==> flow/design.v <==
module times #(
    parameter DW = 6,
    parameter G = 2
) (
    input  logic clk,
    input  logic [DW-1:0] opa,
    input  logic [DW-1:0] opb,
    input  logic load,
    output logic [2*DW+G-1:0] mul
);
    logic [DW-1:0] r_opa;
    logic [DW-1:0] r_opb;
    logic r_load;
    logic [2*DW-1:0] r_cur;
    logic r_load_d;
    logic [2*DW+G-1:0] acc;
    always_ff @(posedge clk) begin
        r_opa <= opa;
        r_opb <= opb;
        r_load <= load;
        r_cur <= r_opa * r_opb;
        r_load_d <= r_load;
        acc <= r_load_d ? r_cur : acc + r_cur;
    end
    assign mul = acc;
endmodule
# Tool chain data of times
# What the tools print for times, step after step.
# Lines are those of the file above, counted from 1.
# Not given: -
[design]
top_module = "times"
clk_port = "clk"
lib = "sky130hd"
lib_corner = "tt_025C_1v80"

# After elaboration
# Yosys after proc, flatten, opt, wreduce and memory -nomap, before mapping. Enables and synchronous resets that opt folds into registers are not counted as muxes. Memory bits, and registers merged into a memory's read port (data or address), are not among the register bits. Print and check cells are not counted. Equal cells are merged and count once.
[classes]
addsub = 1
n_mux = 1
multipliers = 1
[ops]
columns = ["cell", "n"]
rows = [
  ["6-bit by 6-bit multiplier with 12-bit output", 1],
  ["14-bit by 12-bit adder with 14-bit output", 1],
  ["12-bit two-way mux", 1],
]
[word_totals]
inputBits = 14
register_bits = 40
wordCells = 10
out_inout_bits = 14

# Depth
# Depth = most cells in a row (Yosys ltp): at word level without a register or memory, in the mapped netlist without a sequential cell, where the memories' decode and read muxes count.
[depth]
word_depth = 2
ABC_AREA = 0
ltp_mapped = 12
mapped_depth_nobuf = 12

# Mapped cells and area
# The flow's flattened synthesis, as Yosys stat reports it; memories are mapped. The netlist is that of the ABC_AREA named above (0 if unset); the other value can give another one.
# Totals and module areas in this step are rounded.
[by_type]
columns = ["cell", "n", "type_area_um2"]
rows = [
  ["sky130_fd_sc_hd__dfxtp_1", 40, 800.768],
  ["sky130_fd_sc_hd__ha_1", 32, 400.384],
  ["sky130_fd_sc_hd__fa_1", 18, 360.346],
  ["sky130_fd_sc_hd__and2_1", 24, 150.144],
  ["sky130_fd_sc_hd__nand2_1", 32, 120.115],
  ["sky130_fd_sc_hd__inv_1", 26, 97.594],
  ["sky130_fd_sc_hd__xnor2_1", 7, 61.309],
  ["sky130_fd_sc_hd__a21oi_1", 12, 60.058],
  ["sky130_fd_sc_hd__nor2_1", 15, 56.304],
  ["sky130_fd_sc_hd__o21ai_0", 11, 55.053],
  ["sky130_fd_sc_hd__a21o_1", 7, 52.55],
  ["sky130_fd_sc_hd__xor2_1", 5, 43.792],
  ["sky130_fd_sc_hd__nor3_1", 6, 30.029],
  ["sky130_fd_sc_hd__a41oi_4", 1, 27.526],
  ["sky130_fd_sc_hd__a211oi_1", 3, 22.522],
  ["sky130_fd_sc_hd__mux2_2", 2, 22.522],
  ["sky130_fd_sc_hd__nor2b_1", 3, 18.768],
  ["sky130_fd_sc_hd__o22ai_1", 3, 18.768],
]
# Not listed: further types 20, cells in them 28.
[mapped]
yosys_area_um2 = 2590
buf_cells = 4
cells = 275
ffs = 40

# Worst setup path after synthesis
# Path of least setup slack by OpenSTA after synthesis, without wires, with an ideal clock, recovery checks aside; 20% of the period is set as input and as output delay. Where synthesis merged equal registers, the netlist keeps one of their names.
[synth_timing]
path_kind = "reg-to-reg"
start = "register r_opb[2]"
end = "register r_cur[11]"
t_first_pin_ns = 0.000
t_arrival_ns = 3.180
clock_period_ns = 4.07
stages = 13
setup_slack_ns = 0.818
required_time_ns = 3.998
delay_ns = 3.252
period_less_setup_slack_ns = 3.252
# "delay_ns" is the arrival time less input delay plus setup time.
# "stages": output pins that drive a net of the path, with the launching flip-flop's if there is one; two outputs of one cell count as two.
# "period_less_setup_slack_ns" is the clock period less the worst setup slack; recovery checks do not enter. This is arithmetic on one report: input and output delays are still those of the set period (20% each).
# The rows between start and end are the longest chain of elaborated cells between them; the timing report does not say that the signal goes this way. Where chains are equally long, one stands for them.
# A line is the first line of the expression or statement that the cell stems from. Yosys adds cells for indexed reads and writes and turns some case tables into memories.
[synth_via]
path_cell_list = "sky130_fd_sc_hd__dfxtp_1 > sky130_fd_sc_hd__and2_1 > sky130_fd_sc_hd__fa_1 > sky130_fd_sc_hd__inv_1 > sky130_fd_sc_hd__fa_1 > sky130_fd_sc_hd__fa_1 > sky130_fd_sc_hd__inv_1 > sky130_fd_sc_hd__ha_1 > sky130_fd_sc_hd__a21o_1 > sky130_fd_sc_hd__a211oi_1 > sky130_fd_sc_hd__nor2_1 > sky130_fd_sc_hd__o22ai_1 > sky130_fd_sc_hd__xnor2_1"
elab_chain_len = 1
cells_between = 1
lines_between = 1
[synth_lines]
columns = ["element", "line", "rtl"]
rows = [
  ["from (decl)", 12, "logic [DW-1:0] r_opb;"],
  ["from (assign)", 19, "r_opb <= opb;"],
  ["6-bit by 6-bit multiplier with 12-bit output", 21, "r_cur <= r_opa * r_opb;"],
  ["to (assign)", 21, ""],
  ["to (decl)", 14, "logic [2*DW-1:0] r_cur;"],
]

# Path in the finished layout
# Path of least setup slack in the final report of run A (OpenROAD, finished layout, wires in). Where an end is a register, its clock arrival counts in the times.
[layout_timing]
path_kind = "reg-to-reg"
start = "register r_opb[5]"
end = "register r_cur[11]"
t_arrival_ns = 3.65
clock_period_ns = 5.23
stages = 12
t_first_pin_ns = 0.29
required_time_ns = 5.46
setup_slack_ns = 1.81
# The rows between start and end are the longest chain of elaborated cells between them; the timing report does not say that the signal goes this way. Where chains are equally long, one stands for them.
[layout_via]
path_cell_list = "sky130_fd_sc_hd__dfxtp_1 > sky130_fd_sc_hd__nand2_1 > sky130_fd_sc_hd__fa_1 > sky130_fd_sc_hd__fa_1 > sky130_fd_sc_hd__fa_1 > sky130_fd_sc_hd__inv_1 > sky130_fd_sc_hd__ha_1 > sky130_fd_sc_hd__a21o_1 > sky130_fd_sc_hd__a211oi_1 > sky130_fd_sc_hd__nor2_1 > sky130_fd_sc_hd__o22ai_1 > sky130_fd_sc_hd__xnor2_1"
elab_chain_len = 1
cells_between = 1
lines_between = 1
[layout_lines]
columns = ["element", "line", "rtl"]
rows = [
  ["from (decl)", 12, "logic [DW-1:0] r_opb;"],
  ["from (assign)", 19, "r_opb <= opb;"],
  ["6-bit by 6-bit multiplier with 12-bit output", 21, "r_cur <= r_opa * r_opb;"],
  ["to (assign)", 21, ""],
  ["to (decl)", 14, "logic [2*DW-1:0] r_cur;"],
]

# Top module times; platform sky130hd; tools Yosys and OpenROAD; 3 stored runs in no particular order. Input and output delays are each 20% of the period that was set; the output load is 0.01 pF.
# "achievedPeriod_ns": clock period set for the run, less the worst setup slack. It is reckoned from that one timing run; input and output delays stay at 20% of the period that was set.
# By "power_w" is meant OpenSTA's value without simulated activity: inputs other than the clock are taken to toggle once in ten clock periods, and the tool carries that through the logic.
# Values from the reports are rounded here.

[[run]]
name = "run A"
[run.settings]
period_ns = 5.23
CORE_UTILIZATION = 55
SETUP_SLACK_MARGIN = 0.11
PLACE_DENSITY_LB_ADDON = 0.05
HOLD_SLACK_MARGIN = 0.16
TNS_END_PERCENT = 55
CTS_CLUSTER_SIZE = 25
CAP_MARGIN = 35
SLEW_MARGIN = 35
MIN_ROUTING_LAYER = "met1"
CORE_MARGIN = 2
[run.results]
layout_utilization_pct = 68.0
power_w = 0.00156
worst_setup_slack_ns = 1.81
achievedPeriod_ns = 3.420
timing.setup.tns_ns = 0.000
synthesis_area_um2 = 2590
final_cell_area_um2 = 3020
die_footprint_um2 = 5280

[[run]]
name = "run B"
[run.settings]
period_ns = 5.13
CORE_UTILIZATION = 36
SETUP_SLACK_MARGIN = 1.46
PLACE_DENSITY = 0.89
TNS_END_PERCENT = 20
ABC_AREA = 0
GPL_TIMING_DRIVEN = 0
CAP_MARGIN = 20
CORE_MARGIN = 2
SLEW_MARGIN = 20
[run.results]
layout_utilization_pct = 45.4
power_w = 0.00163
worst_setup_slack_ns = 1.69
achievedPeriod_ns = 3.437
timing.setup.tns_ns = 0.000
synthesis_area_um2 = 2590
final_cell_area_um2 = 3120
die_footprint_um2 = 7900

[[run]]
name = "run C"
[run.settings]
period_ns = 4.07
CAP_MARGIN = 20
CORE_MARGIN = 2
CORE_UTILIZATION = 40
SLEW_MARGIN = 20
[run.results]
layout_utilization_pct = 48.1
power_w = 0.00195
worst_setup_slack_ns = 0.669
achievedPeriod_ns = 3.401
timing.setup.tns_ns = 0.000
synthesis_area_um2 = 2590
final_cell_area_um2 = 3040
die_footprint_um2 = 7140
